==> flow/design.v <==
module sync_add_core_mod #(
    parameter DW = 48
) (
    input  logic clk_i,
    input  logic srst,
    input  logic [DW-1:0] rs1_i,
    input  logic [DW-1:0] rs2_i,
    input  logic [DW-1:0] rs3_i,
    output logic [DW+1:0] q_o
);
    logic [DW-1:0] rs1_q;
    always_ff @(posedge clk_i or posedge srst) begin
        if (srst) begin
            rs1_q <= '0;
        end else begin
            rs1_q <= rs1_i;
        end
    end
    logic [DW-1:0] rs2_q;
    always_ff @(posedge clk_i or posedge srst) begin
        if (srst) begin
            rs2_q <= '0;
        end else begin
            rs2_q <= rs2_i;
        end
    end
    logic [DW-1:0] rs3_q;
    always_ff @(posedge clk_i or posedge srst) begin
        if (srst) begin
            rs3_q <= '0;
        end else begin
            rs3_q <= rs3_i;
        end
    end
    logic [DW-1:0] work;
    assign work = rs1_q ^ rs2_q ^ rs3_q;
    logic [DW-1:0] c;
    assign c = (rs1_q & rs2_q) | (rs1_q & rs3_q) | (rs2_q & rs3_q);
    always_ff @(posedge clk_i or posedge srst) begin
        if (srst) begin
            q_o <= '0;
        end else begin
            q_o <= work + {c, 1'b0};
        end
    end
endmodule
From RTL to reports: sync_add_core_mod. The steps from the RTL of sync_add_core_mod to its reports follow in flow order. Lines are those of the file above, counted from 1. Cell names lack the library's common part. The mark -- stands for no value.

Top: sync_add_core_mod. Clock port: clk_i. Cell library: sky130hd. Library corner: tt_025C_1v80.

Word-level counts. Counts by Yosys on the flattened word-level netlist (proc, flatten, opt, wreduce; memories kept). Register bits leave out memories and registers merged into their read ports (data or address); mux counts leave out enables and synchronous resets folded into registers. Print and check cells are left out. Cells with the same type and inputs are merged into one.

For $mul the number is 0. For equal/unequal tests the number is 0. Under multiplexer cells stands 0. The figure for magnitude comparators is 0. For shift operators the number is 0. The figure for div/mod/pow operators is 0. Under add/subtract/negate cells stands 1. The figure for reductions and logical operators is 0. Under bitwise logic cells stands 7.

Operator list (number): bitwise AND 48 bit (3); bitwise OR 48 bit (2); bitwise XOR 48 bit (2); adder 48 x 49 -> 50 bit (1).

For bits in read-only memories the number is 0. For output and inout bits the number is 50. The entry for memory bits (writable) reads 0. Under word width x clocked read ports stands 0. For flip-flop bits (word level) the number is 194. The entry for latch bits reads 0. Under memories kept stands 0. Under elaborated cells stands 12.

Longest topological paths. Depth = most cells in a row (Yosys ltp): at word level without a register or memory, in the mapped netlist without a sequential cell, where the memories' decode and read muxes count.

The figure for depth after elaboration is 4. Under ABC_AREA stands 0. For depth in mapped cells the number is 13. Depth with buffers taken out: 13.

After synthesis. The flow's flattened synthesis, as Yosys stat reports it; memories are mapped. The netlist is that of the ABC_AREA named above (0 if unset); the other value can give another one.

Cell types: dfrtp_1 (number 194, area in all 4.85E+03 sq um); fa_1 (number 49, area in all 980.941 sq um); ha_1 (number 47, area in all 588.064 sq um); a21o_1 (number 34, area in all 255.245 sq um); a21oi_1 (number 48, area in all 240.23 sq um); xnor2_1 (number 25, area in all 218.96 sq um); nand2_1 (number 37, area in all 138.883 sq um); xor2_1 (number 15, area in all 131.376 sq um); o21ai_0 (number 23, area in all 115.11 sq um); inv_1 (number 28, area in all 105.101 sq um); nand4_1 (number 16, area in all 100.096 sq um); nor2_1 (number 24, area in all 90.086 sq um); clkbuf_1 (number 17, area in all 63.811 sq um); o21a_1 (number 7, area in all 52.55 sq um); and3_1 (number 8, area in all 50.048 sq um); nand3_1 (number 9, area in all 45.043 sq um); nor3_1 (number 9, area in all 45.043 sq um); o21bai_1 (number 6, area in all 45.043 sq um).

Other cell types: 44; their cells: 85.

The entry for cell area after synthesis reads 0.0088072 sq mm. For cells in the netlist the number is 681. Flip-flops: 194. For buffers the number is 24.

Timing after synthesis. OpenSTA on the mapped netlist: ideal clock, no wires. The path of least setup slack (recovery checks aside). Input and output delay are each 20% of the period. Register names are those of the netlist, which keeps one name where synthesis merged equal registers.

Kind: register to register. Start point: reg rs1_q[1]. End point: reg q_o[41]. Delay of the path: 3.202 ns. For data required time the number is 3.874 ns. For path slack the number is 0.798 ns. Under data arrival time stands 3.076 ns. Period: 4.0 ns. Under stages on the path stands 12. The entry for period reached after synthesis reads 3.202 ns.

"delay of the path" is the arrival time less input delay plus setup time. "stages on the path": output pins that drive a net of the path, with the launching flip-flop's if there is one; two outputs of one cell count as two. "period reached after synthesis" = period - worst setup slack (recovery checks aside). The figure is calculated, with input and output delays left at 20% of the set period. Between the ends stands the longest chain of elaborated cells between them, by number of cells; it is not shown to be the way that was timed. Of several equally long chains one is given. Each line given opens the expression or statement behind the cell; cells for indexed reads and writes are added by Yosys, which also makes memories of some case tables.

Path through: dfrtp_1 -> fa_1 -> ha_1 -> fa_1 -> a21o_1 -> a221oi_2 -> or4_4 -> a21oi_2 -> o311ai_2 -> a21bo_2 -> nand2_1 -> o311a_1. The figure for cells in the longest elaborated chain is 4. The figure for elaborated cells between the ends (all ways) is 7. The entry for RTL lines with such cells reads 3.

Ends and longest elaborated chain, after synthesis: start: declaration (RTL line 11) `logic [DW-1:0] rs1_q;`; start: assignment (RTL line 14) `rs1_q <= '0;`; start: assignment (RTL line 16) `rs1_q <= rs1_i;`; bitwise AND 48 bit (RTL line 38) `assign c = (rs1_q & rs2_q) | (rs1_q & rs3_q) | (rs2_q & rs3_q);`; bitwise OR 48 bit x2 (RTL line 38); adder 48 x 49 -> 50 bit (RTL line 43) `q_o <= work + {c, 1'b0};`; end: assignment (RTL line 41) `q_o <= '0;`; end: assignment (RTL line 43); end: declaration (RTL line 9) `output logic [DW+1:0] q_o`.

Worst path after layout. From the final timing report of record 1: the path of least setup slack in the routed layout; clock arrival at registers is part of the times.

Kind: register to register. Start point: reg rs3_q[2]. End point: reg q_o[46]. Period: 2.58 ns. For path slack the number is -0.64 ns. Under stages on the path stands 11. Under data arrival time stands 3.55 ns. For data required time the number is 2.91 ns.

Between the ends stands the longest chain of elaborated cells between them, by number of cells; it is not shown to be the way that was timed. Of several equally long chains one is given.

Path through: dfrtp_1 -> fa_2 -> ha_4 -> a211o_1 -> a211oi_2 -> o31a_1 -> a21oi_2 -> o21a_1 -> a2111oi_4 -> or4_1 -> nand3_1. The figure for cells in the longest elaborated chain is 4. The figure for elaborated cells between the ends (all ways) is 6. The entry for RTL lines with such cells reads 3.

Ends and longest elaborated chain, post-layout: start: declaration (RTL line 27) `logic [DW-1:0] rs3_q;`; start: assignment (RTL line 30) `rs3_q <= '0;`; start: assignment (RTL line 32) `rs3_q <= rs3_i;`; bitwise AND 48 bit (RTL line 38) `assign c = (rs1_q & rs2_q) | (rs1_q & rs3_q) | (rs2_q & rs3_q);`; bitwise OR 48 bit x2 (RTL line 38); adder 48 x 49 -> 50 bit (RTL line 43) `q_o <= work + {c, 1'b0};`; end: assignment (RTL line 41) `q_o <= '0;`; end: assignment (RTL line 43); end: declaration (RTL line 9) `output logic [DW+1:0] q_o`.

Hand-over note for sync_add_core_mod

Design sync_add_core_mod on sky130hd. What follows are 3 stored runs of the flow, each under its own settings; their order means nothing. The constraints put input and output delay at 20% of the set period each and load the outputs with 0.01 pF. "clock period reached": clock period set for the run, less the worst setup slack. It is reckoned from that one timing run; input and output delays stay at 20% of the period that was set. "critical path time" = time allowed to the worst setup path (clock period - input delay - output delay, where it has them) - its slack; a late launch clock adds to it, a late capture clock takes from it. By "power consumption" is meant OpenSTA's value without simulated activity: inputs other than the clock are taken to toggle once in ten clock periods, and the tool carries that through the logic.

Files of record 1:
==> flow/run.sh <==
#!/bin/bash
# the make line also repeats the synthesis and layout settings of config.mk as NAME=value (left out here)
make -C /OpenROAD-flow-scripts/flow DESIGN_CONFIG=/design/flow/config.mk WORK_HOME=/design/flow/orfs CLKGATE_MAP_FILE= finish
==> flow/config.mk <==
export PLATFORM = sky130hd
export DESIGN_NAME = sync_add_core_mod
export DESIGN_NICKNAME = sync_add_core_mod
export VERILOG_FILES = /design/flow/design.v
export SDC_FILE = /design/flow/constraint.sdc
export NUM_CORES = 4
export LEC_CHECK = 0
export CAP_MARGIN = 40
export CELL_PAD_IN_SITES_DETAIL_PLACEMENT = 0
export CORE_MARGIN = 5
export CORE_UTILIZATION = 30
export MAX_ROUTING_LAYER = met5
export SLEW_MARGIN = 20
==> flow/constraint.sdc <==
create_clock -name core_clock -period 2.58 [get_ports {clk_i}]
set_input_delay 0.5160 -clock core_clock [delete_from_list [all_inputs] [get_ports {clk_i}]]
set_output_delay 0.5160 -clock core_clock [all_outputs]
set_load 0.01 [all_outputs]

Results of record 1. The standard-cell area after layout reads 0.0134304 sq mm. The critical path time stands at 3.22 ns. Type of the worst setup path: register to register. For the worst slack on setup checks the run shows -0.639 ns. The utilization after routing is 0.465. The clock period reached is 3.219 ns. For the area inside the die boundary the run shows 0.0328842 sq mm. For the chip area after synthesis (Yosys) the run shows 0.0088072 sq mm. The total negative slack comes to -12.912 ns. The power consumption stands at 10.471 mW.

Files of record 2:
==> flow/run.sh <==
#!/bin/bash
# the make line also repeats the synthesis and layout settings of config.mk as NAME=value (left out here)
make -C /OpenROAD-flow-scripts/flow DESIGN_CONFIG=/design/flow/config.mk WORK_HOME=/design/flow/orfs CLKGATE_MAP_FILE= finish
==> flow/config.mk <==
export PLATFORM = sky130hd
export DESIGN_NAME = sync_add_core_mod
export DESIGN_NICKNAME = sync_add_core_mod
export VERILOG_FILES = /design/flow/design.v
export SDC_FILE = /design/flow/constraint.sdc
export NUM_CORES = 4
export LEC_CHECK = 0
export CAP_MARGIN = 20
export CORE_MARGIN = 2
export CORE_UTILIZATION = 40
export SLEW_MARGIN = 20
==> flow/constraint.sdc <==
create_clock -name core_clock -period 4.0 [get_ports {clk_i}]
set_input_delay 0.8000 -clock core_clock [delete_from_list [all_inputs] [get_ports {clk_i}]]
set_output_delay 0.8000 -clock core_clock [all_outputs]
set_load 0.01 [all_outputs]

Results of record 2. For the chip area after synthesis (Yosys) the run shows 0.0088072 sq mm. For the area inside the die boundary the run shows 0.0232212 sq mm. The standard-cell area after layout reads 0.0117675 sq mm. For the worst slack on setup checks the run shows 0.485 ns. The critical path time stands at 3.52 ns. Type of the worst setup path: register to register. The clock period reached is 3.515 ns. The power consumption stands at 6.263 mW. The total negative slack comes to 0.000 ns. The utilization after routing is 0.543.

Files of record 3:
==> flow/run.sh <==
#!/bin/bash
# the make line also repeats the synthesis and layout settings of config.mk as NAME=value (left out here)
make -C /OpenROAD-flow-scripts/flow DESIGN_CONFIG=/design/flow/config.mk WORK_HOME=/design/flow/orfs CLKGATE_MAP_FILE= finish
==> flow/config.mk <==
export PLATFORM = sky130hd
export DESIGN_NAME = sync_add_core_mod
export DESIGN_NICKNAME = sync_add_core_mod
export VERILOG_FILES = /design/flow/design.v
export SDC_FILE = /design/flow/constraint.sdc
export NUM_CORES = 4
export LEC_CHECK = 0
export ABC_AREA = 1
export CAP_MARGIN = 0
export CELL_PAD_IN_SITES_GLOBAL_PLACEMENT = 0
export CORE_MARGIN = 10
export CORE_UTILIZATION = 20
export CTS_CLUSTER_DIAMETER = 286
export GPL_ROUTABILITY_DRIVEN = 1
export PLACE_DENSITY_LB_ADDON = 0.3
export SETUP_SLACK_MARGIN = -0.17
export SLEW_MARGIN = 30
==> flow/constraint.sdc <==
create_clock -name core_clock -period 2.33 [get_ports {clk_i}]
set_input_delay 0.4660 -clock core_clock [delete_from_list [all_inputs] [get_ports {clk_i}]]
set_output_delay 0.4660 -clock core_clock [all_outputs]
set_load 0.01 [all_outputs]

Results of record 3. The total negative slack comes to -0.678 ns. For the area inside the die boundary the run shows 0.060676 sq mm. The clock period reached is 2.416 ns. The power consumption stands at 12.418 mW. For the worst slack on setup checks the run shows -0.086 ns. The standard-cell area after layout reads 0.0153547 sq mm. The utilization after routing is 0.305. The critical path time stands at 2.42 ns. Type of the worst setup path: register to register. For the chip area after synthesis (Yosys) the run shows 0.0102448 sq mm.

End of note.
